==> flow/design.v <==
module dp_reg_file #(
   parameter integer ENTRIES = 16,
   parameter integer DATA_WIDTH = 20,
   parameter integer NUM_RD = 4,
   parameter integer NW = 2,
   parameter integer ADDR_WIDTH = $clog2(ENTRIES)
) (
   input  core_clk,
   input  clr,
   input  [NW-1:0] in_we,
   input  [NW*ADDR_WIDTH-1:0] in_wr_idx,
   input  [NW*DATA_WIDTH-1:0] in_write_data,
   input  [NUM_RD*ADDR_WIDTH-1:0] in_ra,
   output [NUM_RD*DATA_WIDTH-1:0] out_q
);
   reg [NW-1:0] we_q;
   reg [NW*ADDR_WIDTH-1:0] wr_idx_q;
   reg [NW*DATA_WIDTH-1:0] write_data_q;
   reg [DATA_WIDTH-1:0] array [ENTRIES-1:0];
   integer idx;
   always @(posedge core_clk) begin
      for (idx = 0; idx < NW; idx = idx + 1)
         if (we_q[idx]) array[wr_idx_q[idx*ADDR_WIDTH +: ADDR_WIDTH]] <= write_data_q[idx*DATA_WIDTH +: DATA_WIDTH];
   end
   reg [NUM_RD*ADDR_WIDTH-1:0] ra_q;
   wire [NUM_RD*DATA_WIDTH-1:0] t;
   genvar gj;
   generate
      for (gj = 0; gj < NUM_RD; gj = gj + 1) begin : lane
         assign t[gj*DATA_WIDTH +: DATA_WIDTH] = array[ra_q[gj*ADDR_WIDTH +: ADDR_WIDTH]];
      end
   endgenerate
   assign out_q = t;
   always @(posedge core_clk or posedge clr) begin
      if (clr) begin
         we_q <= 0;
         wr_idx_q <= 0;
         write_data_q <= 0;
         ra_q <= 0;
      end else begin
         we_q <= in_we;
         wr_idx_q <= in_wr_idx;
         write_data_q <= in_write_data;
         ra_q <= in_ra;
      end
   end
endmodule
# Tool chain data of dp_reg_file
# A sweep over "NW": the same steps for each member of the family.
# The RTL above is that of NW = 2; lines are counted from 1 in the file of the member named.
# Operators carry their Yosys type and port widths (W data, S select, Z words).
# Cell names lack the library's common part.
# The mark -- stands for no value.
# design
design	dp_reg_file
clk_port	core_clk
lib	sky130hd
corner	tt_025C_1v80

# Source of the members
# New or changed lines of each further member against the RTL above, in its own file; lines it lacks are not shown.
# src_changes
NW	line_no	rtl
3	5	parameter integer NW = 3,
6	5	parameter integer NW = 6,

# Elaborated design
# Source: Yosys, flattened and elaborated, memories not mapped. Widths are those after wreduce; folded enables and synchronous resets count as part of the registers. Registers that Yosys merges into a memory's read port (data or address) are not register bits. Print and check cells do not count. Equal cells are merged and count once.
# Yosys's memory passes give these memory sizes; they may raise the number of words (mostly to a power of two), join words into wider ones and drop unused or constant bits.
# bits
NW	out_inout_bits	ram_bits	clocked_rd_ports_x_width	n_memories	word_cells	rom_bits	regBits	latchBits	inputBits
2	80	320	0	1	11	0	66	0	68
3	80	320	0	1	14	0	91	0	93
6	80	320	0	1	23	0	166	0	168
# mem_list
NW	memory_list
2	array 16x20 r4 w2
3	array 16x20 r4 w3
6	array 16x20 r4 w6
# op_classes
NW	multipliers	mux	shift	n_eq	reduce_and_logical	n_cmp	n_div	bitwise	n_addsub
2	0	6	0	0	0	0	0	0	0
3	0	9	0	0	0	0	0	0	0
6	0	18	0	0	0	0	0	0	0
# op_table
NW	op_list
2	$mux W20 (2); $mux W4 (2); $mux W1 (2)
3	$mux W20 (3); $mux W4 (3); $mux W1 (3)
6	$mux W20 (6); $mux W4 (6); $mux W1 (6)

# Logic depth
# Depth = most cells in a row (Yosys ltp): at word level without a register or memory, in the mapped netlist without a sequential cell, where the memories' decode and read muxes count.
# logic_depth
NW	ltp_word	abc_area	mapped_depth
2	1	0	5
3	1	0	5
6	1	0	8

# Netlist
# Source: synth_stat.txt of the flow (Yosys; design flattened, memories mapped). It holds for the ABC_AREA given above (unset counts as 0); a run with the other value may have another netlist.
# The area totals of this step are shown rounded.
# mapped
NW	buf_cells	sequential_area_um2	yosys_area_um2	cell_count	flip_flops
2	176	11300	24700	1507	386
3	451	11900	29900	2798	411
6	624	13800	41400	4061	486
# types
NW	cell_types
2	edfxtp_1 (320); mux4_2 (320); mux2_2 (316); dfrtp_1 (66); a22oi_1 (160); clkbuf_1 (110); nand2_1 (83); buf_2 (59); nor2b_1 (9); o22ai_1 (9); nor2_1 (14); buf_6 (4); mux2_1 (4); nand2b_1 (7); nand3b_1 (4); o21ai_0 (6); and2_1 (4); or3_4 (2); (+10)
3	edfxtp_1 (320); mux4_2 (320); dfrtp_1 (91); a31oi_1 (320); nand3_1 (326); nor3_1 (320); o21ai_0 (320); clkbuf_1 (358); a22oi_1 (160); nand2_1 (94); buf_2 (50); buf_4 (16); o211ai_1 (16); or2_2 (13); buf_6 (7); nor2b_1 (12); buf_1 (18); and3b_1 (4); (+33)
6	edfxtp_1 (320); mux4_2 (400); dfrtp_1 (166); o22ai_1 (473); clkbuf_1 (434); a31oi_1 (244); a21boi_0 (181); nand2_1 (344); o211ai_1 (131); or3_1 (144); buf_2 (138); o21ai_0 (115); nor3_1 (108); o221ai_1 (56); a211o_1 (55); a22oi_1 (64); nand3_1 (90); a21oi_1 (81); (+517)
# A list marked (+n) leaves out that many cells.

# Timing after synthesis
# Source: OpenSTA report_checks on the synthesized netlist (no wires, ideal clock, input and output delay 20% of the period each), path of least setup slack; recovery checks are left aside. Register names are those of the netlist, which keeps one name where synthesis merged equal registers.
# synth_path
NW	kind	startpoint	endpoint	driving_pins	slack_ps	clock_period_ps	path_delay_ps	synth_period_reached_ps
2	reg2reg	reg wr_idx_q[3]	mem array[1][0]	3	690	3470	2780	2780
3	reg2reg	reg wr_idx_q[6]	mem array[0][0]	5	638	3210	2571	2572
6	reg2reg	reg we_q[4]	mem array[14][0]	7	637	3180	2543	2543
# "path_delay_ps" is the arrival time less input delay plus setup time.
# "driving_pins": output pins that drive a net of the path, with the launching flip-flop's if there is one; two outputs of one cell count as two.
# "synth_period_reached_ps" is the clock period less the worst setup slack; recovery checks do not enter. This is arithmetic on one report: input and output delays are still those of the set period (20% each).
# The rows between start and end are the longest chain of elaborated cells between them; the timing report does not say that the signal goes this way. Where chains are equally long, one stands for them.
# A line is the first line of the expression or statement that the cell stems from. Yosys adds cells for indexed reads and writes and turns some case tables into memories.
# synth_between_NW_2
elab_chain_cells	1
# synth_lines_NW_2
item	line_no	rtl
start, declared	17	reg [NW*ADDR_WIDTH-1:0] wr_idx_q;
start, assigned	37	wr_idx_q <= 0;
start, assigned	42	wr_idx_q <= in_wr_idx;
$mux W4	23	if (we_q[idx]) array[wr_idx_q[idx*ADDR_WIDTH +: ADDR_WIDTH]] <= write_data_q[idx*DATA_WIDTH +: DATA_WIDTH];
end, declared	19	reg [DATA_WIDTH-1:0] array [ENTRIES-1:0];
# NW = 6: The path ends at the enable pin of a flip-flop; only ways to that pin are counted.
# synth_between_NW_6
elab_chain_cells	1
# synth_lines_NW_6
item	line_no	rtl
start, declared	16	reg [NW-1:0] we_q;
start, assigned	36	we_q <= 0;
start, assigned	41	we_q <= in_we;
$mux W4	23	if (we_q[idx]) array[wr_idx_q[idx*ADDR_WIDTH +: ADDR_WIDTH]] <= write_data_q[idx*DATA_WIDTH +: DATA_WIDTH];
end, declared	19	reg [DATA_WIDTH-1:0] array [ENTRIES-1:0];

# Path in the finished layout
# Path of least setup slack in the final report of the run of each member (OpenROAD, finished layout, wires in). Where an end is a register, its clock arrival counts in the times.
# The path's times are printed in steps of 10 ps; the period is the one set.
# layout_path
NW	kind	startpoint	endpoint	path_buffers	slack_ps	arrival_ps	clock_period_ps	driving_pins
2	reg2out	reg ra_q[0]	out out_q[1]	4	40	2730	3470	8
3	reg2out	reg ra_q[8]	out out_q[53]	5	-50	2620	3210	9
6	reg2out	reg ra_q[8]	out out_q[58]	4	-210	2750	3180	7

# Flow runs
# One run of the flow (Yosys, OpenROAD) for each member, with settings and measured results. Input and output delays are each 20% of the period that was set; the output load is 0.01 pF.
# flow_settings
CAP_MARGIN	20
CORE_MARGIN	2
CORE_UTILIZATION	40
SLEW_MARGIN	20
# settings_by_member
NW	period_ns
2	3.47
3	3.21
6	3.18
# results
NW	ws_setup_ps	finish.stdcell_area_um2	power.total_mw	ys_area_um2	period_reached_ps	setupTns_ps	design_die_area_um2
2	42	30000	12.8	24700	3428	0	63800
3	-53	36600	16.4	29900	3263	-345	76900
6	-210	50300	21.2	41400	3390	-9400	106000
# "period_reached_ps" = clock period - worst setup slack. The figure is calculated, with input and output delays left at 20% of the set period.
# "power.total_mw" is the tool's figure for a default switching activity; nothing was simulated.
# Measured values are rounded.
